==> flow/design.v <==
module mul_unit #(
    parameter BITS = 6
) (
    input  wire clk,
    input  wire resetn,
    input  wire [BITS-1:0] a_in,
    input  wire [BITS-1:0] b_in,
    output wire [2*BITS-1:0] p_out
);
    reg [BITS-1:0] a_ff;
    reg [BITS-1:0] b_ff;
    always @(posedge clk) begin
        if (~resetn) begin
            a_ff <= 0;
            b_ff <= 0;
        end else begin
            a_ff <= a_in;
            b_ff <= b_in;
        end
    end
    localparam H = BITS / 2;
    wire [BITS-1:0] ll;
    half_mul #(.N(H)) u (.a(a_ff[H-1:0]), .b(b_ff[H-1:0]), .p(ll));
    wire [BITS-1:0] lh;
    half_mul #(.N(H)) el (.a(a_ff[H-1:0]), .b(b_ff[BITS-1:H]), .p(lh));
    wire [BITS-1:0] hl;
    half_mul #(.N(H)) i_sub (.a(a_ff[BITS-1:H]), .b(b_ff[H-1:0]), .p(hl));
    wire [BITS-1:0] hh;
    half_mul #(.N(H)) u0 (.a(a_ff[BITS-1:H]), .b(b_ff[BITS-1:H]), .p(hh));
    wire [BITS:0] aux = lh + hl;
    reg [2*BITS-1:0] p_ff;
    always @(posedge clk) begin
        if (~resetn) begin
            p_ff <= 0;
        end else begin
            p_ff <= {hh, ll} + {aux, {H{1'b0}}};
        end
    end
    assign p_out = p_ff;
endmodule
module half_mul #(parameter N = 4) (
    input wire [N-1:0] a,
    input wire [N-1:0] b,
    output wire [2*N-1:0] p
);
    assign p = a * b;
endmodule
--- tool output ---
# From RTL to reports: mul_unit

Tool output for the members of one design family, told apart by "BITS", in the order of the flow.
The RTL above is that of BITS=6; lines are counted from 1 in the file of the member named.
Operators: Yosys type, input widths -> output width; for muxes data width and select width s.
A cell with n/a has no value.

Top module: mul_unit
Clock: clk
Library: sky130hd
Timing corner: tt_025C_1v80

# Source of the members

New or changed lines of each further member against the RTL above, in its own file; lines it lacks are not shown.

Lines new or changed:

| BITS | line | source |
| 22   | 2    | `parameter BITS = 22` |
| 24   | 2    | `parameter BITS = 24` |

# After elaboration

Counts by Yosys on the flattened word-level netlist (proc, flatten, opt, wreduce; memories kept). Register bits leave out memories and registers merged into their read ports (data or address); mux counts leave out enables and synchronous resets folded into registers. Print and check cells are left out. Cells with the same type and inputs are merged into one.

Storage and ports:

| BITS | flip-flop bits (word level) | bits of input ports | output and inout port bits | elaborated cells |
| 6    | 24                          | 14                  | 12                         | 9 |
| 22   | 88                          | 46                  | 44                         | 9 |
| 24   | 96                          | 50                  | 48                         | 9 |

Cells by class:

| BITS | $add $sub $neg | $mul |
| 6    | 2              | 4 |
| 22   | 2              | 4 |
| 24   | 2              | 4 |

Operators by type and width:

| BITS | kinds with counts |
| 6    | $mul 3x3->6: 4; $add 12x10->12: 1; $add 6x6->7: 1 |
| 22   | $mul 11x11->22: 4; $add 44x34->44: 1; $add 22x22->23: 1 |
| 24   | $mul 12x12->24: 4; $add 48x37->48: 1; $add 24x24->25: 1 |

# Longest topological paths

Depth = most cells in a row (Yosys ltp): at word level without a register or memory, in the mapped netlist without a sequential cell, where the memories' decode and read muxes count.

Logic depth:

| BITS | depth after elaboration | ABC_AREA | gate-level depth with buffers | gate-level depth less buffers |
| 6    | 3                       | 0        | 17                            | 17 |
| 22   | 3                       | 0        | 33                            | 32 |
| 24   | 3                       | 0        | 34                            | 33 |

# Mapped cells and area

Yosys stat after the flow's synthesis: flattened, memories mapped to cells. It holds for the ABC_AREA given above (unset counts as 0); a run with the other value may have another netlist.

Mapped netlist:

| BITS | cells in the netlist | synthesis area (um2) | sequential area (um2) | mapped flip-flops | buffer cells |
| 6    | 204                  | 1,899.3              | 480.5                 | 24                | 3 |
| 22   | 2,250                | 19,970.4             | 1,761.7               | 88                | 104 |
| 24   | 2,564                | 22,645.5             | 1,921.8               | 96                | 110 |

Cells by type:

| BITS | types with counts |
| 6    | sky130_fd_sc_hd__dfxtp_1: 24; sky130_fd_sc_hd__ha_1: 28; sky130_fd_sc_hd__fa_1: 14; sky130_fd_sc_hd__and2_1: 43; sky130_fd_sc_hd__inv_1: 26; sky130_fd_sc_hd__nand2_1: 11; sky130_fd_sc_hd__a21o_1: 4; sky130_fd_sc_hd__a211oi_2: 2; sky130_fd_sc_hd__a21oi_1: 5; sky130_fd_sc_hd__and3_1: 3; sky130_fd_sc_hd__nand2b_1: 3; sky130_fd_sc_hd__nor2b_1: 3; sky130_fd_sc_hd__xnor2_1: 2; sky130_fd_sc_hd__xor2_1: 2; sky130_fd_sc_hd__a211oi_1: 2; sky130_fd_sc_hd__nor2_1: 4; sky130_fd_sc_hd__o211ai_1: 2; sky130_fd_sc_hd__o21ai_0: 3; (+23) |
| 22   | sky130_fd_sc_hd__fa_1: 360; sky130_fd_sc_hd__ha_1: 255; sky130_fd_sc_hd__and2_1: 296; sky130_fd_sc_hd__dfxtp_1: 88; sky130_fd_sc_hd__inv_1: 451; sky130_fd_sc_hd__nand2_1: 277; sky130_fd_sc_hd__xnor2_1: 45; sky130_fd_sc_hd__clkbuf_1: 96; sky130_fd_sc_hd__a21oi_1: 55; sky130_fd_sc_hd__nor2_1: 68; sky130_fd_sc_hd__xor2_1: 22; sky130_fd_sc_hd__a21o_1: 22; sky130_fd_sc_hd__o21ai_0: 23; sky130_fd_sc_hd__a211oi_1: 12; sky130_fd_sc_hd__nand3_1: 17; sky130_fd_sc_hd__o21bai_1: 11; sky130_fd_sc_hd__nor2b_1: 12; sky130_fd_sc_hd__nor3_1: 15; (+125) |
| 24   | sky130_fd_sc_hd__fa_1: 444; sky130_fd_sc_hd__ha_1: 258; sky130_fd_sc_hd__inv_1: 560; sky130_fd_sc_hd__and2_1: 310; sky130_fd_sc_hd__dfxtp_1: 96; sky130_fd_sc_hd__nand2_1: 360; sky130_fd_sc_hd__xnor2_1: 46; sky130_fd_sc_hd__clkbuf_1: 103; sky130_fd_sc_hd__a21oi_1: 52; sky130_fd_sc_hd__nor2_1: 69; sky130_fd_sc_hd__xor2_1: 29; sky130_fd_sc_hd__a21o_1: 28; sky130_fd_sc_hd__o21ai_0: 29; sky130_fd_sc_hd__nor3_1: 17; sky130_fd_sc_hd__and3_1: 11; sky130_fd_sc_hd__nand4_1: 10; sky130_fd_sc_hd__a211oi_1: 8; sky130_fd_sc_hd__o211ai_1: 8; (+126) |

The mark (+n) counts cells that are not listed.
The figures by module come from a second, unflattened synthesis with its own total; it is not the netlist above.

Second synthesis, totals:

| BITS | cells (unflattened synthesis) | area total of the unflattened synthesis (um2) |
| 6    | 213                           | 1,949.4 |
| 22   | 2,466                         | 21,265.4 |
| 24   | 2,849                         | 24,120.6 |

# Timing after synthesis

Path of least setup slack by OpenSTA after synthesis, without wires, with an ideal clock, recovery checks aside; 20% of the period is set as input and as output delay. Where synthesis merged equal registers, the netlist keeps one of their names.

Timing path post-synthesis:

| BITS | kind       | from             | to                | period (ns) | path slack (ns) | stages on the path | delay of the path (ns) | synthesis period reached (ns) |
| 6    | reg-to-reg | register a_ff[0] | register p_ff[10] | 5.01        | 1.001           | 18                 | 4.009                  | 4.009 |
| 22   | reg-to-reg | register b_ff[2] | register p_ff[40] | 9.59        | 1.920           | 30                 | 7.670                  | 7.67 |
| 24   | reg-to-reg | register a_ff[8] | register p_ff[47] | 9.83        | 1.963           | 33                 | 7.866                  | 7.867 |

"delay of the path" is the arrival time less input delay plus setup time.
"stages on the path" counts driving pins, that of a launching flip-flop among them; a cell with two outputs on the path counts twice.
"synthesis period reached" is the clock period less the worst setup slack; recovery checks do not enter. This is arithmetic on one report: input and output delays are still those of the set period (20% each).
The rows between start and end are the longest chain of elaborated cells between them; the timing report does not say that the signal goes this way. Where chains are equally long, one stands for them.
Each line given opens the expression or statement behind the cell; cells for indexed reads and writes are added by Yosys, which also makes memories of some case tables.

Between the ends, post-synthesis, BITS=6:
Length of the longest elaborated chain: 3

Ends and longest elaborated chain, post-synthesis, BITS=6:

| item            | line | source |
| start, declared | 10   | `reg [BITS-1:0] a_ff;` |
| start, assigned | 14   | `a_ff <= 0;` |
| start, assigned | 17   | `a_ff <= a_in;` |
| $mul 3x3->6     | 46   | `assign p = a * b;` |
| $add 6x6->7     | 30   | `wire [BITS:0] aux = lh + hl;` |
| $add 12x10->12  | 36   | `p_ff <= {hh, ll} + {aux, {H{1'b0}}};` |
| end, assigned   | 34   | `p_ff <= 0;` |
| end, assigned   | 36   |  |
| end, declared   | 31   | `reg [2*BITS-1:0] p_ff;` |

Between the ends, post-synthesis, BITS=24:
Length of the longest elaborated chain: 3

Ends and longest elaborated chain, post-synthesis, BITS=24:

| item            | line | source |
| start, declared | 10   | `reg [BITS-1:0] a_ff;` |
| start, assigned | 14   | `a_ff <= 0;` |
| start, assigned | 17   | `a_ff <= a_in;` |
| $mul 12x12->24  | 46   | `assign p = a * b;` |
| $add 24x24->25  | 30   | `wire [BITS:0] aux = lh + hl;` |
| $add 48x37->48  | 36   | `p_ff <= {hh, ll} + {aux, {H{1'b0}}};` |
| end, assigned   | 34   | `p_ff <= 0;` |
| end, assigned   | 36   |  |
| end, declared   | 31   | `reg [2*BITS-1:0] p_ff;` |

# Path in the finished layout

Path of least setup slack in the final report of each member's run (OpenROAD, finished layout, wires in). Where an end is a register, its clock arrival counts in the times.

Timing path post-layout:

| BITS | kind       | from              | to                | period (ns) | path slack (ns) | stages on the path | data arrival time (ns) | buffers on the path |
| 6    | reg-to-reg | register b_ff[5]  | register p_ff[10] | 5.01        | 0.68            | 18                 | 4.54                   | 0 |
| 22   | reg-to-reg | register b_ff[18] | register p_ff[40] | 9.59        | 0.60            | 29                 | 9.32                   | 0 |
| 24   | reg-to-reg | register a_ff[20] | register p_ff[47] | 9.83        | 0.75            | 30                 | 9.38                   | 0 |

# Measured runs

Settings and results of one run of the flow (Yosys, OpenROAD) for each member follow. The constraints put input and output delay at 20% of the set period each and load the outputs with 0.01 pF.

CAP_MARGIN: 20
CORE_MARGIN: 2
CORE_UTILIZATION: 40
SLEW_MARGIN: 20

Settings by member:

| BITS | period_ns |
| 6    | 5.01 |
| 22   | 9.59 |
| 24   | 9.83 |

Results:

| BITS | synthesis area (um2) | die size (um2) | standard-cell area after layout (um2) | utilization (%) | setup slack of the worst path (ns) | total negative setup slack (ns) | worst-case hold slack (ns) | total power of the final layout (mW) | reached clock period (ns) |
| 6    | 1,899.3              | 5,315.1        | 2,277.2                               | 48.9            | 0.676                              | 0.000                           | 0.560                      | 0.4741                               | 4.334 |
| 22   | 19,970.4             | 51,729.0       | 21,932.3                              | 44.6            | 0.596                              | 0.000                           | 1.027                      | 2.939                                | 8.994 |
| 24   | 22,645.5             | 58,532.5       | 24,792.5                              | 44.1            | 0.746                              | 0.000                           | 0.779                      | 3.452                                | 9.084 |

"reached clock period": clock period set for the run, less the worst setup slack. It is reckoned from that one timing run; input and output delays stay at 20% of the period that was set.
By "total power of the final layout" is meant OpenSTA's value without simulated activity: inputs other than the clock are taken to toggle once in ten clock periods, and the tool carries that through the logic.
--- end ---
